==> flow/design.v <==
module my_multiplier #(
    parameter integer DWIDTH = 3
) (
    input  wire clk,
    input  wire RST,
    input  wire [DWIDTH-1:0] arg0,
    input  wire [DWIDTH-1:0] arg1,
    output reg [2*DWIDTH-1:0] p
);
    reg [2*DWIDTH-1:0] nxt;
    integer n;
    always @(*) begin
        nxt = 0;
        for (n = 0; n < DWIDTH; n = n + 1)
            if (arg1[n]) nxt = nxt + (arg0 << n);
    end
    always @(posedge clk or posedge RST) begin
        if (RST) begin
            p <= 0;
        end else begin
            p <= nxt;
        end
    end
endmodule
### Step by step through the tools: my_multiplier

Tool output for the members of one design family, told apart by "DWIDTH", in the order of the flow.
The file above is the member DWIDTH = 3. Line numbers count from 1 in each member's own file.
Operators: Yosys type, input widths -> output width; for muxes data width and select width s.
Cell names lack the library's common part.
A cell with n/a has no value.

| inputs | value |
|---|---|
| top | my_multiplier |
| clock input | clk |
| standard-cell library | sky130hd |
| timing corner | tt_025C_1v80 |

### Members of the sweep

New or changed lines of each further member against the RTL above, in its own file; lines it lacks are not shown.

Lines new or changed:

| DWIDTH | line | RTL |
|---|---|---|
| 5 | 2 | `parameter integer DWIDTH = 5` |
| 6 | 2 | `parameter integer DWIDTH = 6` |
| 9 | 2 | `parameter integer DWIDTH = 9` |
| 10 | 2 | `parameter integer DWIDTH = 10` |
| 24 | 2 | `parameter integer DWIDTH = 24` |

### Word level

Yosys after proc, flatten, opt, wreduce and memory -nomap, before mapping. Enables and synchronous resets that opt folds into registers are not counted as muxes. Memory bits, and registers merged into a memory's read port (data or address), are not among the register bits. Print and check cells are not counted. Equal cells are merged and count once.

Cells by class:

| DWIDTH | $add $sub $neg | muxes and demuxes |
|---|---|---|
| 3 | 2 | 3 |
| 5 | 4 | 5 |
| 6 | 5 | 6 |
| 9 | 8 | 9 |
| 10 | 9 | 10 |
| 24 | 23 | 24 |

Operator list:

| DWIDTH | kind and count |
|---|---|
| 3 | $mux 6 (2); $add 6x4->6 (1); $add 6x5->6 (1); $mux 3 (1) |
| 5 | $mux 10 (4); $add 10x6->10 (1); $add 10x7->10 (1); $add 10x8->10 (1); $add 10x9->10 (1); $mux 5 (1) |
| 6 | $mux 12 (5); $add 12x10->12 (1); $add 12x11->12 (1); $add 12x7->12 (1); $add 12x8->12 (1); $add 12x9->12 (1); $mux 6 (1) |
| 9 | $mux 18 (8); $add 18x10->18 (1); $add 18x11->18 (1); $add 18x12->18 (1); $add 18x13->18 (1); $add 18x14->18 (1); $add 18x15->18 (1); $add 18x16->18 (1); $add 18x17->18 (1); $mux 9 (1) |
| 10 | $mux 20 (9); $add 20x11->20 (1); $add 20x12->20 (1); $add 20x13->20 (1); $add 20x14->20 (1); $add 20x15->20 (1); $add 20x16->20 (1); $add 20x17->20 (1); $add 20x18->20 (1); $add 20x19->20 (1); $mux 10 (1) |
| 24 | $mux 48 (23); $add 48x25->48 (1); $add 48x26->48 (1); $add 48x27->48 (1); $add 48x28->48 (1); $add 48x29->48 (1); $add 48x30->48 (1); $add 48x31->48 (1); $add 48x32->48 (1); $add 48x33->48 (1); $add 48x34->48 (1); $add 48x35->48 (1); $add 48x36->48 (1); $add 48x37->48 (1); $add 48x38->48 (1); $add 48x39->48 (1); $add 48x40->48 (1); $add 48x41->48 (1); $add 48x42->48 (1); $add 48x43->48 (1); $add 48x44->48 (1); $add 48x45->48 (1); $add 48x46->48 (1); $add 48x47->48 (1); $mux 24 (1) |

Storage and ports:

| DWIDTH | input port bits | flip-flop bits (word level) | elaborated cells | output and inout bits |
|---|---|---|---|---|
| 3 | 8 | 6 | 6 | 6 |
| 5 | 12 | 10 | 10 | 10 |
| 6 | 14 | 12 | 12 | 12 |
| 9 | 20 | 18 | 18 | 18 |
| 10 | 22 | 20 | 20 | 20 |
| 24 | 50 | 48 | 48 | 48 |

### Depth

Yosys ltp: most cells in a row. Word level: on the elaborated netlist, between registers, memories and ports. Mapped: between sequential cells and ports; inverters and the memories' decode and read muxes count.

Logic depth:

| DWIDTH | depth after elaboration | ABC_AREA | gate-level depth with buffers | depth with buffers taken out |
|---|---|---|---|---|
| 3 | 5 | 0 | 11 | 11 |
| 5 | 9 | 0 | 22 | 22 |
| 6 | 11 | 0 | 32 | 31 |
| 9 | 17 | 0 | 54 | 53 |
| 10 | 19 | 0 | 62 | 61 |
| 24 | 47 | 0 | 188 | 184 |

### After synthesis

Yosys stat after the flow's synthesis: flattened, memories mapped to cells. It holds for the ABC_AREA given above (unset counts as 0); a run with the other value may have another netlist.
Totals and module areas in this step are rounded.

Synthesis totals:

| DWIDTH | flip-flops | synthesis area (µm²) | sequential part of the area (µm²) | buffer cells | mapped cells |
|---|---|---|---|---|---|
| 3 | 6 | 401.6 | 150.1 | 0 | 40 |
| 5 | 10 | 1245 | 250.2 | 4 | 133 |
| 6 | 12 | 1926 | 300.3 | 7 | 226 |
| 9 | 18 | 4487 | 450.4 | 16 | 555 |
| 10 | 20 | 5645 | 500.5 | 22 | 756 |
| 24 | 48 | 37600 | 1201 | 168 | 5427 |

Cells by type:

| DWIDTH | type and count |
|---|---|
| 3 | dfrtp_1 (6); ha_1 (5); mux2_2 (2); fa_1 (1); inv_1 (5); nand2_1 (5); nor2b_1 (3); xnor2_1 (2); and3_4 (1); maj3_2 (1); a21oi_1 (2); o21ai_0 (2); a21o_1 (1); and2_1 (1); nand2b_1 (1); o22ai_1 (1); nor2_1 (1) |
| 5 | dfrtp_1 (10); ha_1 (20); fa_1 (4); mux2_2 (6); xnor2_1 (7); a21o_1 (8); a21oi_1 (10); nand2_1 (10); xor2_1 (4); and2_1 (4); nand2b_1 (4); inv_1 (6); o21a_1 (3); nand3_1 (4); a32oi_2 (1); a311oi_2 (1); clkbuf_1 (4); nor2_1 (4); (+23) |
| 6 | ha_1 (28); dfrtp_1 (12); mux2_2 (10); fa_1 (5); o21a_1 (11); a21oi_1 (15); nand2_1 (16); inv_1 (15); nor2_1 (15); xnor2_1 (6); xor2_1 (6); mux2i_1 (5); o21ai_0 (8); a21o_1 (5); nor2b_1 (6); nor3_1 (6); nand3_1 (5); nor3b_1 (3); (+49) |
| 9 | ha_1 (77); dfrtp_1 (18); xnor2_1 (33); mux2_2 (23); a21oi_1 (40); a21o_1 (24); nand2_1 (45); fa_1 (8); nor2_1 (42); o21ai_0 (28); xor2_1 (14); inv_1 (31); nor2b_1 (14); o21a_1 (10); o31a_1 (7); and2_1 (9); nand2b_1 (9); a211oi_1 (7); (+116) |
| 10 | ha_1 (89); dfrtp_1 (20); a21oi_1 (67); xnor2_1 (35); o21ai_0 (53); nand2_1 (68); mux2_2 (21); inv_1 (51); nor2_1 (50); fa_1 (9); a21o_1 (21); xor2_1 (16); o21a_1 (18); nand3_1 (20); nor3_1 (16); clkbuf_1 (21); a211oi_1 (10); and2_1 (11); (+160) |
| 24 | ha_1 (573); a21oi_1 (497); xnor2_1 (237); o21ai_0 (402); nand2_1 (527); nor2_1 (477); a21o_1 (227); o21a_1 (164); dfrtp_1 (48); xor2_1 (137); mux2_2 (103); inv_1 (248); nand3_1 (126); nor3_1 (119); a31oi_1 (93); nand2b_1 (89); a211oi_1 (74); mux2i_1 (55); (+1231) |

The mark (+n) counts cells that are not listed.

### Timing after synthesis

OpenSTA on the mapped netlist: ideal clock, no wires. The path of least setup slack (recovery checks aside). Input and output delay are each 20% of the period. Register names are those of the netlist, which keeps one name where synthesis merged equal registers.

Timing path post-synthesis:

| DWIDTH | kind | from | to | stages on the path | delay of the path (ps) | clock period (ps) | setup slack (ps) | period reached after synthesis (ps) |
|---|---|---|---|---|---|---|---|---|
| 3 | in2reg | input arg1[0] | register p[4] | 11 | 1783 | 2790 | 450 | 2340 |
| 5 | in2reg | input arg0[2] | register p[8] | 21 | 4311 | 6740 | 1082 | 5658 |
| 6 | in2reg | input arg0[1] | register p[10] | 28 | 5432 | 8490 | 1360 | 7130 |
| 9 | in2reg | input arg1[0] | register p[15] | 53 | 9295 | 14500 | 2305 | 12195 |
| 10 | in2reg | input arg1[0] | register p[17] | 57 | 10898 | 17000 | 2702 | 14298 |
| 24 | in2reg | input arg1[0] | register p[46] | 170 | 32511 | 50800 | 8129 | 42671 |

"delay of the path" = arrival - input delay + setup time.
"stages on the path": output pins that drive a net of the path, with the launching flip-flop's if there is one; two outputs of one cell count as two.
"period reached after synthesis" = period - worst setup slack (recovery checks aside). The figure is calculated, with input and output delays left at 20% of the set period.
Between the ends stands the longest chain of elaborated cells between them, by number of cells; it is not shown to be the way that was timed. Of several equally long chains one is given.
Each line given opens the expression or statement behind the cell; cells for indexed reads and writes are added by Yosys, which also makes memories of some case tables.

| between the ends, post-synthesis, DWIDTH = 3 | value |
|---|---|
| cells in the longest elaborated chain | 5 |

Ends and longest elaborated chain, post-synthesis, DWIDTH = 3:

| item | line | RTL |
|---|---|---|
| start, declared | 7 | `input  wire [DWIDTH-1:0] arg1,` |
| $mux 3 | 15 | `if (arg1[n]) nxt = nxt + (arg0 << n);` |
| $add 6x4->6 | 15 |  |
| $mux 6 | 15 |  |
| $add 6x5->6 | 15 |  |
| $mux 6 | 15 |  |
| end, assigned | 19 | `p <= 0;` |
| end, assigned | 21 | `p <= nxt;` |
| end, declared | 8 | `output reg [2*DWIDTH-1:0] p` |

| between the ends, post-synthesis, DWIDTH = 24 | value |
|---|---|
| cells in the longest elaborated chain | 47 |

Ends and longest elaborated chain, post-synthesis, DWIDTH = 24:

| item | line | RTL |
|---|---|---|
| start, declared | 7 | `input  wire [DWIDTH-1:0] arg1,` |
| $mux 24 | 15 | `if (arg1[n]) nxt = nxt + (arg0 << n);` |
| $add 48x25->48 | 15 |  |
| $mux 48 | 15 |  |
| $add 48x26->48 | 15 |  |
| $mux 48 | 15 |  |
| $add 48x27->48 | 15 |  |
| $mux 48 | 15 |  |
| [... 33 more ...] | n/a |  |
| $mux 48 | 15 |  |
| $add 48x45->48 | 15 |  |
| $mux 48 | 15 |  |
| $add 48x46->48 | 15 |  |
| $mux 48 | 15 |  |
| $add 48x47->48 | 15 |  |
| $mux 48 | 15 |  |
| end, assigned | 19 | `p <= 0;` |
| end, assigned | 21 | `p <= nxt;` |
| end, declared | 8 | `output reg [2*DWIDTH-1:0] p` |

### Worst path after layout

From the final timing report of the run of each member: the path of least setup slack in the routed layout; clock arrival at registers is part of the times.
The report prints the path's times to 10 ps; the period is as set.

Timing path after layout:

| DWIDTH | kind | from | to | setup slack (ps) | data arrival time (ps) | stages on the path | clock period (ps) | buffers on the path |
|---|---|---|---|---|---|---|---|---|
| 3 | in2reg | input arg0[2] | register p[4] | 200 | 2700 | 11 | 2790 | 1 |
| 5 | in2reg | input arg1[0] | register p[8] | 440 | 6440 | 22 | 6740 | 1 |
| 6 | in2reg | input arg1[0] | register p[10] | 610 | 8000 | 29 | 8490 | 1 |
| 9 | in2reg | input arg0[5] | register p[15] | 1020 | 13610 | 52 | 14500 | 1 |
| 10 | in2reg | input arg1[0] | register p[17] | 950 | 16180 | 57 | 17000 | 1 |
| 24 | in2reg | input arg0[2] | register p[45] | 2270 | 48760 | 169 | 50800 | 1 |

### Measured runs

Settings and results of one run of the flow (Yosys, OpenROAD) for each member follow. The constraints put input and output delay at 20% of the set period each and load the outputs with 0.01 pF.

| flow settings | value |
|---|---|
| CAP_MARGIN | 20 |
| CORE_MARGIN | 2 |
| CORE_UTILIZATION | 40 |
| SLEW_MARGIN | 20 |

Settings by member:

| DWIDTH | period_ns |
|---|---|
| 3 | 2.79 |
| 5 | 6.74 |
| 6 | 8.49 |
| 9 | 14.5 |
| 10 | 17.0 |
| 24 | 50.8 |

Results:

| DWIDTH | period achieved (ps) | post-synthesis cell area (µm²) | area inside the die boundary (µm²) | worst setup slack after layout (ps) | standard-cell area of the final layout (µm²) |
|---|---|---|---|---|---|
| 3 | 2591 | 401.6 | 1273 | 199 | 626.9 |
| 5 | 6304 | 1245 | 3575 | 436 | 1555 |
| 6 | 7881 | 1926 | 5385 | 609 | 2292 |
| 9 | 13478 | 4487 | 12080 | 1022 | 5042 |
| 10 | 16053 | 5645 | 15080 | 947 | 6362 |
| 24 | 48526 | 37600 | 96460 | 2274 | 40130 |

"period achieved" is the run's clock period less its worst setup slack. It is reckoned from that one timing run; input and output delays stay at 20% of the period that was set.
Measured values are rounded.
